==> flow/design.v <==
module core_arith #(
   parameter XLEN = 20
) (
   input  wire CLK,
   input  wire [XLEN-1:0] A,
   input  wire op,
   output wire [XLEN-1:0] d
);
   reg [XLEN-1:0] A_reg;
   reg op_reg;
   always @(posedge CLK) begin
      A_reg <= A;
      op_reg <= op;
   end
   assign d = (A_reg ^ {XLEN{op_reg}}) + op_reg;
endmodule
# == Step by step through the tools: core_arith ==
# What the tools print for core_arith, step after step.
# Line numbers count from 1 in the design file above.
# The mark -- stands for no value.
# design
top,core_arith
clock,CLK
library,sky130hd
pvt_corner,tt_025C_1v80

# == Word-level counts ==
# Source: Yosys, flattened and elaborated, memories not mapped. Widths are those after wreduce; folded enables and synchronous resets count as part of the registers. Registers that Yosys merges into a memory's read port (data or address) are not register bits. Print and check cells do not count. Equal cells are merged and count once.
# classes
add_sub_neg,1
n_logic,1
# op_table
operator,count
adder 20 x 1 -> 20 bit,1
XOR 20 bit,1
# bits
regBits,21
in_bits,22
output_inout_bits,20
wordCells,4

# == Longest topological paths ==
# Depth = most cells in a row (Yosys ltp): at word level without a register or memory, in the mapped netlist without a sequential cell, where the memories' decode and read muxes count.
# logic_depth
word_depth,2
ABC_AREA,0
depth_mapped,9
depth_no_buf,7

# == Netlist ==
# Yosys stat after the flow's synthesis: flattened, memories mapped to cells. It holds for the ABC_AREA given above (unset counts as 0); a run with the other value may have another netlist.
# The area totals of this step are shown rounded.
# types
cell_type,count,area_total_um2
sky130_fd_sc_hd__dfxtp_1,21,420.403
sky130_fd_sc_hd__xnor2_1,21,183.926
sky130_fd_sc_hd__xor2_1,6,52.55
sky130_fd_sc_hd__mux2i_1,4,40.038
sky130_fd_sc_hd__a21oi_1,7,35.034
sky130_fd_sc_hd__and4b_1,3,30.029
sky130_fd_sc_hd__nor4b_1,3,26.275
sky130_fd_sc_hd__ha_1,2,25.024
sky130_fd_sc_hd__nor3_1,5,25.024
sky130_fd_sc_hd__o31ai_1,3,22.522
sky130_fd_sc_hd__nand3_1,4,20.019
sky130_fd_sc_hd__nand2_1,5,18.768
sky130_fd_sc_hd__nor2_1,5,18.768
sky130_fd_sc_hd__nand4b_1,2,17.517
sky130_fd_sc_hd__o22a_4,1,17.517
sky130_fd_sc_hd__o41ai_2,1,16.266
sky130_fd_sc_hd__inv_1,4,15.014
sky130_fd_sc_hd__o21a_1,2,15.014
# Not listed: further types 23, cells in them 30.
# synth_totals
stdcells,129
yosys_area_um2,1210
seq_area_um2,420
ffs,21
buf_cells,8

# == Timing after synthesis ==
# Source: OpenSTA report_checks on the synthesized netlist (no wires, ideal clock, input and output delay 20% of the period each), path of least setup slack; recovery checks are left aside. Register names are those of the netlist, which keeps one name where synthesis merged equal registers.
# synth_path
kind,register to output
startpoint,register op_reg
endpoint,output port d[16]
clock_period_ns,3.64
output_delay_ns,0.728
launch_ns,0.000
arrival_ns,2.327
t_required_ns,2.912
setup_slack_ns,0.585
delay_ns,2.327
driving_pins,10
n_path_buf,3
period_less_setup_slack_ns,3.055
# "delay_ns" = arrival - input delay + setup time.
# A path that ends at an output port has no setup time.
# "driving_pins": output pins that drive a net of the path, with the launching flip-flop's if there is one; two outputs of one cell count as two.
# "period_less_setup_slack_ns" = period - worst setup slack (recovery checks aside). The figure is calculated, with input and output delays left at 20% of the set period.
# Between the ends stands the longest chain of elaborated cells between them, by number of cells; it is not shown to be the way that was timed. Of several equally long chains one is given.
# Each line given opens the expression or statement behind the cell; cells for indexed reads and writes are added by Yosys, which also makes memories of some case tables.
# synth_between
path_cell_list,sky130_fd_sc_hd__dfxtp_1 > sky130_fd_sc_hd__buf_4 > sky130_fd_sc_hd__buf_2 > sky130_fd_sc_hd__buf_1 > sky130_fd_sc_hd__xor2_1 > sky130_fd_sc_hd__ha_1 > sky130_fd_sc_hd__o221ai_1 > sky130_fd_sc_hd__nor3_1 > sky130_fd_sc_hd__mux2i_1 > sky130_fd_sc_hd__xnor2_1
elab_chain_cells,2
cone_cells,2
lines_between,1
cone_classes,1 x add/sub; 1 x logic
# synth_lines
item,line,text
"start, declared",10,reg op_reg;
"start, assigned",13,op_reg <= op;
XOR 20 bit,15,assign d = (A_reg ^ {XLEN{op_reg}}) + op_reg;
adder 20 x 1 -> 20 bit,15,
"end, declared",7,output wire [XLEN-1:0] d

# == Path in the finished layout ==
# From the final timing report of flow run 3: the path of least setup slack in the routed layout; clock arrival at registers is part of the times.
# layout_path
kind,register to output
startpoint,register op_reg
endpoint,output port d[10]
clock_period_ns,3.64
output_delay_ns,0.73
launch_ns,0.30
arrival_ns,2.70
t_required_ns,2.91
setup_slack_ns,0.21
driving_pins,10
n_path_buf,3
# Between the ends stands the longest chain of elaborated cells between them, by number of cells; it is not shown to be the way that was timed. Of several equally long chains one is given.
# layout_between
path_cell_list,sky130_fd_sc_hd__dfxtp_2 > sky130_fd_sc_hd__buf_4 > sky130_fd_sc_hd__xor2_1 > sky130_fd_sc_hd__ha_2 > sky130_fd_sc_hd__o221ai_2 > sky130_fd_sc_hd__buf_4 > sky130_fd_sc_hd__o21a_1 > sky130_fd_sc_hd__o22ai_1 > sky130_fd_sc_hd__xnor2_1 > sky130_fd_sc_hd__clkdlybuf4s50_1
elab_chain_cells,2
cone_cells,2
lines_between,1
cone_classes,1 x add/sub; 1 x logic
# layout_lines
item,line,text
"start, declared",10,reg op_reg;
"start, assigned",13,op_reg <= op;
XOR 20 bit,15,assign d = (A_reg ^ {XLEN{op_reg}}) + op_reg;
adder 20 x 1 -> 20 bit,15,
"end, declared",7,output wire [XLEN-1:0] d

# core_arith through Yosys and OpenROAD on sky130hd: 3 stored runs, unordered, with their settings and measured results. The constraints put input and output delay at 20% of the set period each and load the outputs with 0.01 pF.
# "clock_period_reached_ns" = clock period - worst setup slack. The figure is calculated, with input and output delays left at 20% of the set period.
# "fin_power_uw" rests on the timing tool's default activity at the inputs, not on a simulated workload.
# Measured values are rounded.
# Among the settings, -- means not set for that run.
# A result given as -- is not shown for that run.
item,flow run 1,flow run 2,flow run 3
period_ns,2.87,4.03,3.64
CORE_UTILIZATION,57,71,40
SETUP_SLACK_MARGIN,0.68,0.48,--
CELL_PAD_IN_SITES_GLOBAL_PLACEMENT,1,--,--
GPL_TIMING_DRIVEN,1,--,--
GPL_ROUTABILITY_DRIVEN,1,1,--
SLEW_MARGIN,40,20,20
CAP_MARGIN,20,20,20
CORE_MARGIN,2,8,2
PLACE_DENSITY_LB_ADDON,--,0.2,--
CELL_PAD_IN_SITES_DETAIL_PLACEMENT,--,0,--
CTS_CLUSTER_SIZE,--,16,--
MIN_ROUTING_LAYER,--,met2,--
post_synth_area_um2,--,--,1210
total_die_area_um2,--,--,3490
finish.utilization_frac,--,--,0.614
fin_power_uw,--,--,532
fin_tns_ns,--,--,0.000
clock_period_reached_ns,--,--,3.431
setup_ws_ns,--,--,0.209
finalCellArea_um2,--,--,1740
# Flow run 1: not finished: placement ended with error GPL-0301
# Flow run 2: not finished: placement ended with error FLW-0024
